==> flow/design.v <==
module cmp_v2 #(
    parameter integer DW = 20,
    parameter integer COUNT = 3
) (
    input wire clk_i,
    input wire en,
    input wire [COUNT*DW-1:0] src,
    output reg [DW-1:0] max_o
);
    wire [DW-1:0] n_ [1:2*COUNT-1];
    genvar ii;
    generate
        for (ii = 0; ii < COUNT; ii = ii + 1) begin : blk
            assign n_[COUNT+ii] = src[ii*DW +: DW];
        end
        for (ii = 1; ii < COUNT; ii = ii + 1) begin : slice
            assign n_[ii] = (n_[2*ii] > n_[2*ii+1]) ? n_[2*ii] : n_[2*ii+1];
        end
    endgenerate
    always @(posedge clk_i) begin
        if (en) begin
            max_o <= n_[1];
        end
    end
endmodule
Step by step through the tools: cmp_v2

The steps from the RTL of cmp_v2 to its reports follow in flow order.
Lines are those of the file above, counted from 1.
Library cell names are shortened.
A cell with n/a has no value.

Top: cmp_v2
Clock: clk_i
Cell library: sky130hd
Timing corner: tt_025C_1v80

Word level

Counts by Yosys on the flattened word-level netlist (proc, flatten, opt, wreduce; memories kept). Register bits leave out memories and registers merged into their read ports (data or address); mux counts leave out enables and synchronous resets folded into registers. Print and check cells are left out. Cells with the same type and inputs are merged into one.

Order comparisons: 2
Muxes and demuxes: 2

Operators with widths:

| kind                | count |
| > comparator 20 bit | 2 |
| 2-to-1 mux 20 bit   | 2 |

Register bits: 20
Output and inout bits: 20
Cells after elaboration: 5

Depth

Yosys ltp: most cells in a row. Word level: on the elaborated netlist, between registers, memories and ports. Mapped: between sequential cells and ports; inverters and the memories' decode and read muxes count.

Depth in word-level cells: 4
ABC_AREA: 0
Depth in mapped cells: 18
Mapped depth without buffers: 16

Netlist

Source: synth_stat.txt of the flow (Yosys; design flattened, memories mapped). It holds for the ABC_AREA given above (unset counts as 0); a run with the other value may have another netlist.

Cells by type:

| cell      | count | total area (sq um) |
| edfxtp_1  | 20    | 600.576 |
| ha_1      | 40    | 500.48 |
| mux2_2    | 18    | 202.694 |
| a221o_1   | 19    | 190.182 |
| inv_1     | 40    | 150.144 |
| nor2b_1   | 24    | 150.144 |
| and3_1    | 20    | 125.12 |
| a21oi_1   | 10    | 50.048 |
| nand4_1   | 7     | 43.792 |
| nor2_1    | 8     | 30.029 |
| a2111oi_4 | 1     | 27.526 |
| o21ai_0   | 5     | 25.024 |
| a211oi_1  | 3     | 22.522 |
| buf_4     | 3     | 22.522 |
| buf_6     | 2     | 22.522 |
| o21a_1    | 3     | 22.522 |
| nor4_4    | 1     | 21.27 |
| nand2_1   | 5     | 18.768 |

Not listed: further types 16, cells in them 24.

Standard cells after synthesis: 253
Cell area after synthesis: 0.002396 sq mm
Sequential area: 0.0006006 sq mm
Mapped flip-flops: 20
Buffer cells: 12

Worst setup path after synthesis

Path of least setup slack by OpenSTA after synthesis, without wires, with an ideal clock, recovery checks aside; 20% of the period is set as input and as output delay. Where synthesis merged equal registers, the netlist keeps one of their names.

Kind: in2reg
Start: input src[57]
End: register max_o[10]
Clock period: 5.55 ns
Input delay: 1.110 ns
Arrival: 4.400 ns
Path slack: 0.890 ns
Delay of the path: 3.550 ns
Stages on the path: 18
Path buffers: 2
Synthesis period reached: 4.66 ns

"delay of the path" = arrival - input delay + setup time.
"stages on the path" counts driving pins, that of a launching flip-flop among them; a cell with two outputs on the path counts twice.
"synthesis period reached" = period - worst setup slack (recovery checks aside). The figure is calculated, with input and output delays left at 20% of the set period.
The rows between start and end are the longest chain of elaborated cells between them; the timing report does not say that the signal goes this way. Where chains are equally long, one stands for them.
A line is the first line of the expression or statement that the cell stems from. Yosys adds cells for indexed reads and writes and turns some case tables into memories.

Cell sequence: inv_1 -> ha_1 -> a21o_1 -> a21oi_2 -> nor2b_1 -> a2111oi_4 -> nand2_2 -> buf_6 -> a221o_1 -> ha_1 -> nor2b_1 -> o21a_1 -> o21a_1 -> o21a_1 -> o31ai_1 -> a21oi_1 -> buf_1 -> mux2_4
Length of the longest elaborated chain: 4

Ends and longest elaborated chain, post-synthesis:

| item                | RTL line | RTL |
| start, declared     | 7        | `input wire [COUNT*DW-1:0] src,` |
| > comparator 20 bit | 17       | `assign n_[ii] = (n_[2*ii] > n_[2*ii+1]) ? n_[2*ii] : n_[2*ii+1];` |
| 2-to-1 mux 20 bit   | 17       |  |
| > comparator 20 bit | 17       |  |
| 2-to-1 mux 20 bit   | 17       |  |
| end, assigned       | 22       | `max_o <= n_[1];` |
| end, declared       | 8        | `output reg [DW-1:0] max_o` |

Worst path after layout

From the final timing report of job 1: the path of least setup slack in the routed layout; clock arrival at registers is part of the times.

Kind: in2reg
Start: input src[41]
End: register max_o[10]
Clock period: 5.55 ns
Input delay: 1.11 ns
Arrival: 5.15 ns
Path slack: 0.41 ns
Stages on the path: 18
Path buffers: 3

The rows between start and end are the longest chain of elaborated cells between them; the timing report does not say that the signal goes this way. Where chains are equally long, one stands for them.

Cell sequence: clkdlybuf4s50_1 -> inv_1 -> ha_1 -> nor2b_1 -> o211ai_1 -> a21oi_1 -> o31ai_1 -> nand2_2 -> buf_4 -> a221o_1 -> ha_1 -> o21a_1 -> o21a_1 -> o21a_1 -> o31ai_1 -> a21oi_2 -> buf_12 -> mux2_4
Length of the longest elaborated chain: 4

Ends and longest elaborated chain, post-layout:

| item                | RTL line | RTL |
| start, declared     | 7        | `input wire [COUNT*DW-1:0] src,` |
| > comparator 20 bit | 17       | `assign n_[ii] = (n_[2*ii] > n_[2*ii+1]) ? n_[2*ii] : n_[2*ii+1];` |
| 2-to-1 mux 20 bit   | 17       |  |
| > comparator 20 bit | 17       |  |
| 2-to-1 mux 20 bit   | 17       |  |
| end, assigned       | 22       | `max_o <= n_[1];` |
| end, declared       | 8        | `output reg [DW-1:0] max_o` |

Memo
Re: implementation data of cmp_v2

Below are 2 stored runs of the flow (Yosys, OpenROAD; platform sky130hd) on cmp_v2, each with its settings and what was measured, unordered. Constraints: input delay and output delay 20% of the set period each, output load 0.01 pF.
"clock period achieved" is the run's clock period less its worst setup slack. It is reckoned from that one timing run; input and output delays stay at 20% of the period that was set.
"critical path time" means the part of the period allowed to the worst setup path (the constraints hold back 20% at inputs and 20% at outputs) less its slack; where the path has registers, the arrival times of their clocks count too.
"total power after layout": no workload was simulated; the value follows from the tool's default switching activity.
A setting shown as - is not set for that run.

| item                                      | job 1     | job 2     |
| period_ns                                 | 5.55      | 5.01      |
| CAP_MARGIN                                | 20        | 10        |
| CORE_MARGIN                               | 2         | 2         |
| CORE_UTILIZATION                          | 40        | 48        |
| SLEW_MARGIN                               | 20        | 20        |
| PLACE_DENSITY_LB_ADDON                    | -         | 0.26      |
| TNS_END_PERCENT                           | -         | 45        |
| GPL_ROUTABILITY_DRIVEN                    | -         | 0         |
| CTS_CLUSTER_SIZE                          | -         | 11        |
| CTS_CLUSTER_DIAMETER                      | -         | 80        |
| MIN_ROUTING_LAYER                         | -         | met1      |
| worst setup slack after layout (ns)       | 0.408     | 0.013     |
| netlist area reported by Yosys (sq mm)    | 0.002396  | 0.002396  |
| total negative slack (ns)                 | 0.000     | 0.000     |
| worst hold slack in the final report (ns) | 1.570     | 1.448     |
| final utilization (%)                     | 57.3      | 82.8      |
| critical path time (ns)                   | 4.03      | 3.99      |
| class of the worst setup path             | in2reg    | in2reg    |
| total power after layout (µW)             | 606.6     | 758.9     |
| standard-cell area after layout (sq mm)   | 0.0033545 | 0.0039388 |
| total die area (sq mm)                    | 0.0066251 | 0.0055726 |
| clock period achieved (ns)                | 5.142     | 4.997     |
